==> flow/design.v <==
module core_mul #(
    parameter integer WD = 28
) (
    input  wire clock,
    input  wire RSTN,
    input  wire [WD-1:0] in_lhs,
    input  wire [WD-1:0] in_rhs,
    output wire [WD-1:0] out_out
);
    reg [WD-1:0] lhs_q;
    reg [WD-1:0] rhs_q;
    always @(posedge clock or negedge RSTN) begin
        if (!RSTN) begin
            lhs_q <= 0;
            rhs_q <= 0;
        end else begin
            lhs_q <= in_lhs;
            rhs_q <= in_rhs;
        end
    end
    assign out_out = lhs_q * rhs_q;
endmodule
Tool chain data of core_mul
What the tools print for core_mul, step after step.
Lines are those of the file above, counted from 1.
Library cell names are shortened.
Not given: n/a
Set-up
  top: core_mul
  clock: clock
  standard-cell library: sky130hd
  corner: tt_025C_1v80

After elaboration
Source: Yosys, flattened and elaborated, memories not mapped. Widths are those after wreduce; folded enables and synchronous resets count as part of the registers. Registers that Yosys merges into a memory's read port (data or address) are not register bits. Print and check cells do not count. Equal cells are merged and count once.
Operators by class
  multipliers: 1
Operators by type and width (number)
  28-bit by 28-bit multiplier with 28-bit output: 1
Word-level totals
  output and inout bits: 28
  register bits: 56
  word-level cells: 3
  input bits: 58

Logic depth
Yosys ltp: most cells in a row. Word level: on the elaborated netlist, between registers, memories and ports. Mapped: between sequential cells and ports; inverters and the memories' decode and read muxes count.
Depth
  depth in word-level cells: 1
  ABC_AREA: 0
  mapped depth: 25
  depth with buffers taken out: 23

Synthesis result
Source: synth_stat.txt of the flow (Yosys; design flattened, memories mapped). It holds for the ABC_AREA given above (unset counts as 0); a run with the other value may have another netlist.
The area totals of this step are shown rounded.
Cells by type
  fa_1: number 303, total area 6.07E+03 µm²
  inv_1: number 396, total area 1.49E+03 µm²
  and2_1: number 234, total area 1.46E+03 µm²
  dfrtp_1: number 56, total area 1.4E+03 µm²
  ha_1: number 107, total area 1.34E+03 µm²
  nand2_1: number 175, total area 656.88 µm²
  xnor2_1: number 61, total area 534.262 µm²
  clkbuf_1: number 56, total area 210.202 µm²
  xor2_1: number 13, total area 113.859 µm²
  a21o_1: number 10, total area 75.072 µm²
  a21oi_1: number 13, total area 65.062 µm²
  o21bai_1: number 5, total area 37.536 µm²
  a21oi_2: number 4, total area 35.034 µm²
  a311oi_4: number 1, total area 26.275 µm²
  o22ai_2: number 2, total area 25.024 µm²
  o21a_1: number 3, total area 22.522 µm²
  o31a_1: number 2, total area 17.517 µm²
  a41oi_2: number 1, total area 16.266 µm²
Not listed: further types 25, cells in them 37.
Synthesis totals
  synthesis area: 14000 µm²
  mapped flip-flops: 56
  buffers: 61
  sequential part of the area: 1400 µm²
  cell count: 1479

Path before layout
OpenSTA on the mapped netlist: ideal clock, no wires. The path of least setup slack (recovery checks aside). Input and output delay are each 20% of the period. Register names are those of the netlist, which keeps one name where synthesis merged equal registers.
Timing post-synthesis
  kind: register -> output
  start: reg lhs_q[8]
  end: out out_out[26]
  path delay: 6241 ps
  launch time at the first pin: 0 ps
  arrival time: 6241 ps
  period: 9750 ps
  required time: 7800 ps
  driving pins on the path: 25
  path buffers: 3
  external output delay: 1950 ps
  setup slack: 1559 ps
  synthesis period reached: 8191 ps
"path delay" = arrival - input delay + setup time.
A path that ends at an output port has no setup time.
"driving pins on the path" counts driving pins, that of a launching flip-flop among them; a cell with two outputs on the path counts twice.
"synthesis period reached" is the clock period less the worst setup slack; recovery checks do not enter. This is arithmetic on one report: input and output delays are still those of the set period (20% each).
Between the ends stands the longest chain of elaborated cells between them, by number of cells; it is not shown to be the way that was timed. Of several equally long chains one is given.
Each line given opens the expression or statement behind the cell; cells for indexed reads and writes are added by Yosys, which also makes memories of some case tables.
Between the ends, post-synthesis
  cells stage by stage: dfrtp_1 -> clkbuf_1 -> clkbuf_1 -> nand2_1 -> fa_1 -> inv_1 -> fa_1 -> fa_1 -> inv_1 -> fa_1 -> inv_1 -> fa_1 -> fa_1 -> inv_1 -> fa_1 -> inv_1 -> ha_1 -> buf_2 -> nand3_1 -> or3_1 -> or2_1 -> o211ai_2 -> o2111a_1 -> o41ai_2 -> xnor2_1
  cells in the longest elaborated chain: 1
  elaborated cells on any way between the ends: 1
  source lines of those cells: 1
  those cells by class: mul (1)
RTL lines, path post-synthesis
  start, declared: RTL line 10  | reg [WD-1:0] lhs_q;
  start, assigned: RTL line 14  | lhs_q <= 0;
  start, assigned: RTL line 17  | lhs_q <= in_lhs;
  28-bit by 28-bit multiplier with 28-bit output: RTL line 21  | assign out_out = lhs_q * rhs_q;
  end, declared: RTL line 8  | output wire [WD-1:0] out_out

Path in the finished layout
From the final timing report of run A: the path of least setup slack in the routed layout; clock arrival at registers is part of the times.
The report prints the path's times to 10 ps; the period is as set.
Timing after layout
  kind: register -> output
  start: reg rhs_q[7]
  end: out out_out[26]
  period: 7560 ps
  required time: 6050 ps
  path buffers: 3
  driving pins on the path: 24
  arrival time: 6580 ps
  launch time at the first pin: 300 ps
  external output delay: 1510 ps
  setup slack: -540 ps
Between the ends stands the longest chain of elaborated cells between them, by number of cells; it is not shown to be the way that was timed. Of several equally long chains one is given.
Between the ends, after layout
  cells stage by stage: dfrtp_2 -> buf_12 -> and2_1 -> fa_1 -> inv_1 -> fa_1 -> fa_1 -> inv_1 -> fa_1 -> ha_4 -> fa_1 -> inv_1 -> fa_1 -> inv_2 -> ha_4 -> nand2_4 -> or3_4 -> or2_4 -> o211ai_4 -> o2111a_2 -> buf_6 -> o41ai_4 -> xnor2_1 -> buf_2
  cells in the longest elaborated chain: 1
  elaborated cells on any way between the ends: 1
  source lines of those cells: 1
  those cells by class: mul (1)
RTL lines, path after layout
  start, declared: RTL line 11  | reg [WD-1:0] rhs_q;
  start, assigned: RTL line 15  | rhs_q <= 0;
  start, assigned: RTL line 18  | rhs_q <= in_rhs;
  28-bit by 28-bit multiplier with 28-bit output: RTL line 21  | assign out_out = lhs_q * rhs_q;
  end, declared: RTL line 8  | output wire [WD-1:0] out_out

Subject: core_mul on sky130hd, stored results

Hello all,

3 stored runs of core_mul in the flow (synthesis by Yosys, layout by OpenROAD, sky130hd cells), in arbitrary order. Constraints: input delay and output delay 20% of the set period each, output load 0.01 pF.
"period achieved" = clock period - worst setup slack. The figure is calculated, with input and output delays left at 20% of the set period.
By "critical path time" is meant the share of the clock period that the worst setup path is allowed (20% is reserved at inputs, 20% at outputs), minus its slack. Clock arrival times at its registers enter into it.
"critical path time" is known to 10 ps.
Values from the reports are rounded here.

==> run A: settings <==
{ "period_ns": 7.56, "CORE_UTILIZATION": 35, "SETUP_SLACK_MARGIN": -0.24, "PLACE_DENSITY_LB_ADDON": 0.08, "CORE_ASPECT_RATIO": 1.26, "CORE_MARGIN": 2, "GPL_TIMING_DRIVEN": 1, "CAP_MARGIN": 40, "SLEW_MARGIN": 20 }
==> run A: results <==
mapped cell area after synthesis: 14000 µm²
utilization after routing: 45 %
worst setup slack after layout: -540 ps
period achieved: 8096 ps
total negative setup slack: -4300 ps
critical path time: 6580 ps
worst setup path kind: register -> output
die footprint: 41000 µm²
standard-cell area after layout: 17000 µm²

==> run B: settings <==
{ "period_ns": 9.75, "CAP_MARGIN": 20, "CORE_MARGIN": 2, "CORE_UTILIZATION": 40, "SLEW_MARGIN": 20 }
==> run B: results <==
mapped cell area after synthesis: 14000 µm²
utilization after routing: 45 %
worst setup slack after layout: 440 ps
period achieved: 9312 ps
total negative setup slack: 0 ps
critical path time: 7360 ps
worst setup path kind: register -> output
die footprint: 36000 µm²
standard-cell area after layout: 15000 µm²

==> run C: settings <==
{ "period_ns": 14.5, "CORE_UTILIZATION": 46, "SETUP_SLACK_MARGIN": 2.03, "PLACE_DENSITY_LB_ADDON": 0.22, "CELL_PAD_IN_SITES_GLOBAL_PLACEMENT": 1, "TNS_END_PERCENT": 50, "ABC_AREA": 0, "GPL_TIMING_DRIVEN": 0, "SLEW_MARGIN": 40, "CAP_MARGIN": 20, "CORE_MARGIN": 2 }
==> run C: results <==
mapped cell area after synthesis: 14000 µm²
utilization after routing: 52 %
worst setup slack after layout: 3500 ps
period achieved: 11038 ps
total negative setup slack: 0 ps
critical path time: 8140 ps
worst setup path kind: register -> output
die footprint: 32000 µm²
standard-cell area after layout: 15000 µm²

Thanks
